==> flow/design.v <==
module dp_cmp_unit_rtl #(
    parameter integer DWIDTH = 36
) (
    input  wire clk_i,
    input  wire [DWIDTH-1:0] a_i,
    input  wire [DWIDTH-1:0] b_i,
    output wire less_o,
    output wire eq_o
);
    reg [DWIDTH-1:0] r_a;
    reg [DWIDTH-1:0] r_b;
    always @(posedge clk_i) begin
        r_a <= a_i;
        r_b <= b_i;
    end
    wire [DWIDTH:0] r = {1'b0, r_a} - {1'b0, r_b};
    assign less_o = r[DWIDTH];
    assign eq_o = ~|r[DWIDTH-1:0];
endmodule
== Step by step through the tools: dp_cmp_unit_rtl ==
The steps from the RTL of dp_cmp_unit_rtl to its reports follow in flow order.
Lines are those of the file above, counted from 1.
Cell names lack the library's common part.
The mark - stands for no value.
Set-up
  design top: dp_cmp_unit_rtl
  clock port: clk_i
  library: sky130hd
  timing corner: tt_025C_1v80

== Word level ==
Source: Yosys, flattened and elaborated, memories not mapped. Widths are those after wreduce; folded enables and synchronous resets count as part of the registers. Registers that Yosys merges into a memory's read port (data or address) are not register bits. Print and check cells do not count. Equal cells are merged and count once.
Word-level totals
  register bits: 72
  bits of input ports: 73
  output and inout port bits: 2
  word-level cells: 5
Operators by class
  $add $sub $neg: 1
  reductions and logical operators: 2
Operators with widths (count)
  36-bit by 36-bit subtractor with 37-bit output: 1
  36-bit OR reduction: 1
  1-bit zero test: 1

== Depth ==
Depth = most cells in a row (Yosys ltp): at word level without a register or memory, in the mapped netlist without a sequential cell, where the memories' decode and read muxes count.
Logic depth
  depth after elaboration: 3
  ABC_AREA: 1
  gate-level depth with buffers: 19

== Mapped cells and area ==
The flow's flattened synthesis, as Yosys stat reports it; memories are mapped. The netlist is that of the ABC_AREA named above (0 if unset); the other value can give another one.
The area totals of this step are shown rounded.
Cell types
  dfxtp_1: count 72, total area 1.44E+03 um^2
  nand2_1: count 267, total area 1E+03 um^2
  inv_1: count 166, total area 623.098 um^2
  ha_1: count 36, total area 450.432 um^2
  nor2_1: count 63, total area 236.477 um^2
  nand3_1: count 37, total area 185.178 um^2
  a21oi_1: count 25, total area 125.12 um^2
  nand2_2: count 12, total area 75.072 um^2
  nand3b_1: count 8, total area 60.058 um^2
  nor3_1: count 10, total area 50.048 um^2
  nand4_1: count 6, total area 37.536 um^2
  xor2_1: count 3, total area 26.275 um^2
  fa_1: count 1, total area 20.019 um^2
  nand3_2: count 2, total area 20.019 um^2
  o21ai_0: count 4, total area 20.019 um^2
  nor2_2: count 3, total area 18.768 um^2
  xnor2_1: count 2, total area 17.517 um^2
  o21bai_1: count 2, total area 15.014 um^2
Other cell types: 9; their cells: 12.
Synthesis totals
  standard cells after synthesis: 731
  mapped area: 4492 um^2
  sequential area: 1441 um^2
  mapped flip-flops: 72
  buffers: 0

== Worst setup path after synthesis ==
OpenSTA on the mapped netlist: ideal clock, no wires. The path of least setup slack (recovery checks aside). Input and output delay are each 20% of the period. Register names are those of the netlist, which keeps one name where synthesis merged equal registers.
Path post-synthesis
  path type: reg-to-output
  start: register r_a[0]
  end: output eq_o
  period: 5.07 ns
  output delay: 1.014 ns
  time at the first pin: 0.000 ns
  data arrival time: 2.041 ns
  required time: 4.056 ns
  path slack: 2.015 ns
  path delay: 2.041 ns
  driving pins on the path: 19
  path buffers: 0
  synthesis period reached: 3.055 ns
"path delay" = arrival - input delay + setup time.
A path that ends at an output port has no setup time.
"driving pins on the path": output pins that drive a net of the path, with the launching flip-flop's if there is one; two outputs of one cell count as two.
"synthesis period reached" = period - worst setup slack (recovery checks aside). The figure is calculated, with input and output delays left at 20% of the set period.
Between the ends stands the longest chain of elaborated cells between them, by number of cells; it is not shown to be the way that was timed. Of several equally long chains one is given.
Each line given opens the expression or statement behind the cell; cells for indexed reads and writes are added by Yosys, which also makes memories of some case tables.
On the way, post-synthesis
  cells stage by stage: dfxtp_1 > inv_1 > ha_1 > fa_1 > inv_1 > nand3_1 > nand2_2 > nand2_1 > nand2_1 > nand2_2 > nand2_2 > nand2_1 > nand2_1 > nand2_1 > nand2_1 > nand3b_1 > nor2_1 > nand3_1 > nor2_1
  length of the longest elaborated chain: 3
  elaborated cells on any way between the ends: 3
  source lines of those cells: 2
Ends and longest elaborated chain, post-synthesis
  start, declared: RTL line 10  | reg [DWIDTH-1:0] r_a;
  start, assigned: RTL line 13  | r_a <= a_i;
  36-bit by 36-bit subtractor with 37-bit output: RTL line 16  | wire [DWIDTH:0] r = {1'b0, r_a} - {1'b0, r_b};
  36-bit OR reduction: RTL line 18  | assign eq_o = ~|r[DWIDTH-1:0];
  1-bit zero test: RTL line 18
  end, declared: RTL line 8  | output wire eq_o

== Worst path after layout ==
From the final timing report of stored run 1: the path of least setup slack in the routed layout; clock arrival at registers is part of the times.
Path post-layout
  path type: reg-to-output
  start: register r_b[14]
  end: output eq_o
  period: 2.65 ns
  output delay: 0.53 ns
  time at the first pin: 0.35 ns
  data arrival time: 2.68 ns
  required time: 2.12 ns
  path slack: -0.56 ns
  driving pins on the path: 16
  path buffers: 2
Between the ends stands the longest chain of elaborated cells between them, by number of cells; it is not shown to be the way that was timed. Of several equally long chains one is given.
On the way, post-layout
  cells stage by stage: dfxtp_1 > inv_1 > ha_2 > nand2_2 > buf_4 > nor2_2 > nand2_2 > inv_1 > nand3_1 > nand4_1 > nand2_1 > nand3b_1 > nor2_1 > nand3_1 > nor2_1 > buf_2
  length of the longest elaborated chain: 3
  elaborated cells on any way between the ends: 3
  source lines of those cells: 2
Ends and longest elaborated chain, post-layout
  start, declared: RTL line 11  | reg [DWIDTH-1:0] r_b;
  start, assigned: RTL line 14  | r_b <= b_i;
  36-bit by 36-bit subtractor with 37-bit output: RTL line 16  | wire [DWIDTH:0] r = {1'b0, r_a} - {1'b0, r_b};
  36-bit OR reduction: RTL line 18  | assign eq_o = ~|r[DWIDTH-1:0];
  1-bit zero test: RTL line 18
  end, declared: RTL line 8  | output wire eq_o

Appendix: measured runs

3 stored runs of dp_cmp_unit_rtl in the flow (synthesis by Yosys, layout by OpenROAD, sky130hd cells), in arbitrary order. Constraints: input delay and output delay 20% of the set period each, output load 0.01 pF.
"achieved clock period" is the run's clock period less its worst setup slack. It is reckoned from that one timing run; input and output delays stay at 20% of the period that was set.
"power" rests on the timing tool's default activity at the inputs, not on a simulated workload.
Values from the reports are rounded here.
[stored run 1] settings: period_ns=2.65, CORE_UTILIZATION=22, SETUP_SLACK_MARGIN=-0.04, PLACE_DENSITY=0.7, CORE_ASPECT_RATIO=0.84, CELL_PAD_IN_SITES_GLOBAL_PLACEMENT=0, CELL_PAD_IN_SITES_DETAIL_PLACEMENT=1, TNS_END_PERCENT=35, ABC_AREA=1, CTS_CLUSTER_SIZE=90, SLEW_MARGIN=5, MAX_ROUTING_LAYER=met5, CAP_MARGIN=20, CORE_MARGIN=2
[stored run 1] result: chip area after synthesis (Yosys) 4492 um^2, die area 21580 um^2, utilization 34.1%, worst setup slack after layout -0.565 ns, total negative slack -0.912 ns, worst hold slack 0.617 ns, power 0.003632 W, achieved clock period 3.215 ns
[stored run 2] settings: period_ns=5.07, CAP_MARGIN=20, CORE_MARGIN=2, CORE_UTILIZATION=40, SLEW_MARGIN=20
[stored run 2] result: chip area after synthesis (Yosys) 3905 um^2, die area 10570 um^2, utilization 52.9%, worst setup slack after layout 0.240 ns, total negative slack 0.000 ns, worst hold slack 1.074 ns, power 0.001588 W, achieved clock period 4.830 ns
[stored run 3] settings: period_ns=6.0, CORE_UTILIZATION=54, SETUP_SLACK_MARGIN=0.56, PLACE_DENSITY_LB_ADDON=0.17, HOLD_SLACK_MARGIN=0.12, CORE_ASPECT_RATIO=1.8, CTS_CLUSTER_DIAMETER=55, CAP_MARGIN=30, CORE_MARGIN=2, SLEW_MARGIN=20
[stored run 3] result: chip area after synthesis (Yosys) 3905 um^2, die area 7957 um^2, utilization 69.9%, worst setup slack after layout 0.726 ns, total negative slack 0.000 ns, worst hold slack 1.297 ns, power 0.001358 W, achieved clock period 5.274 ns
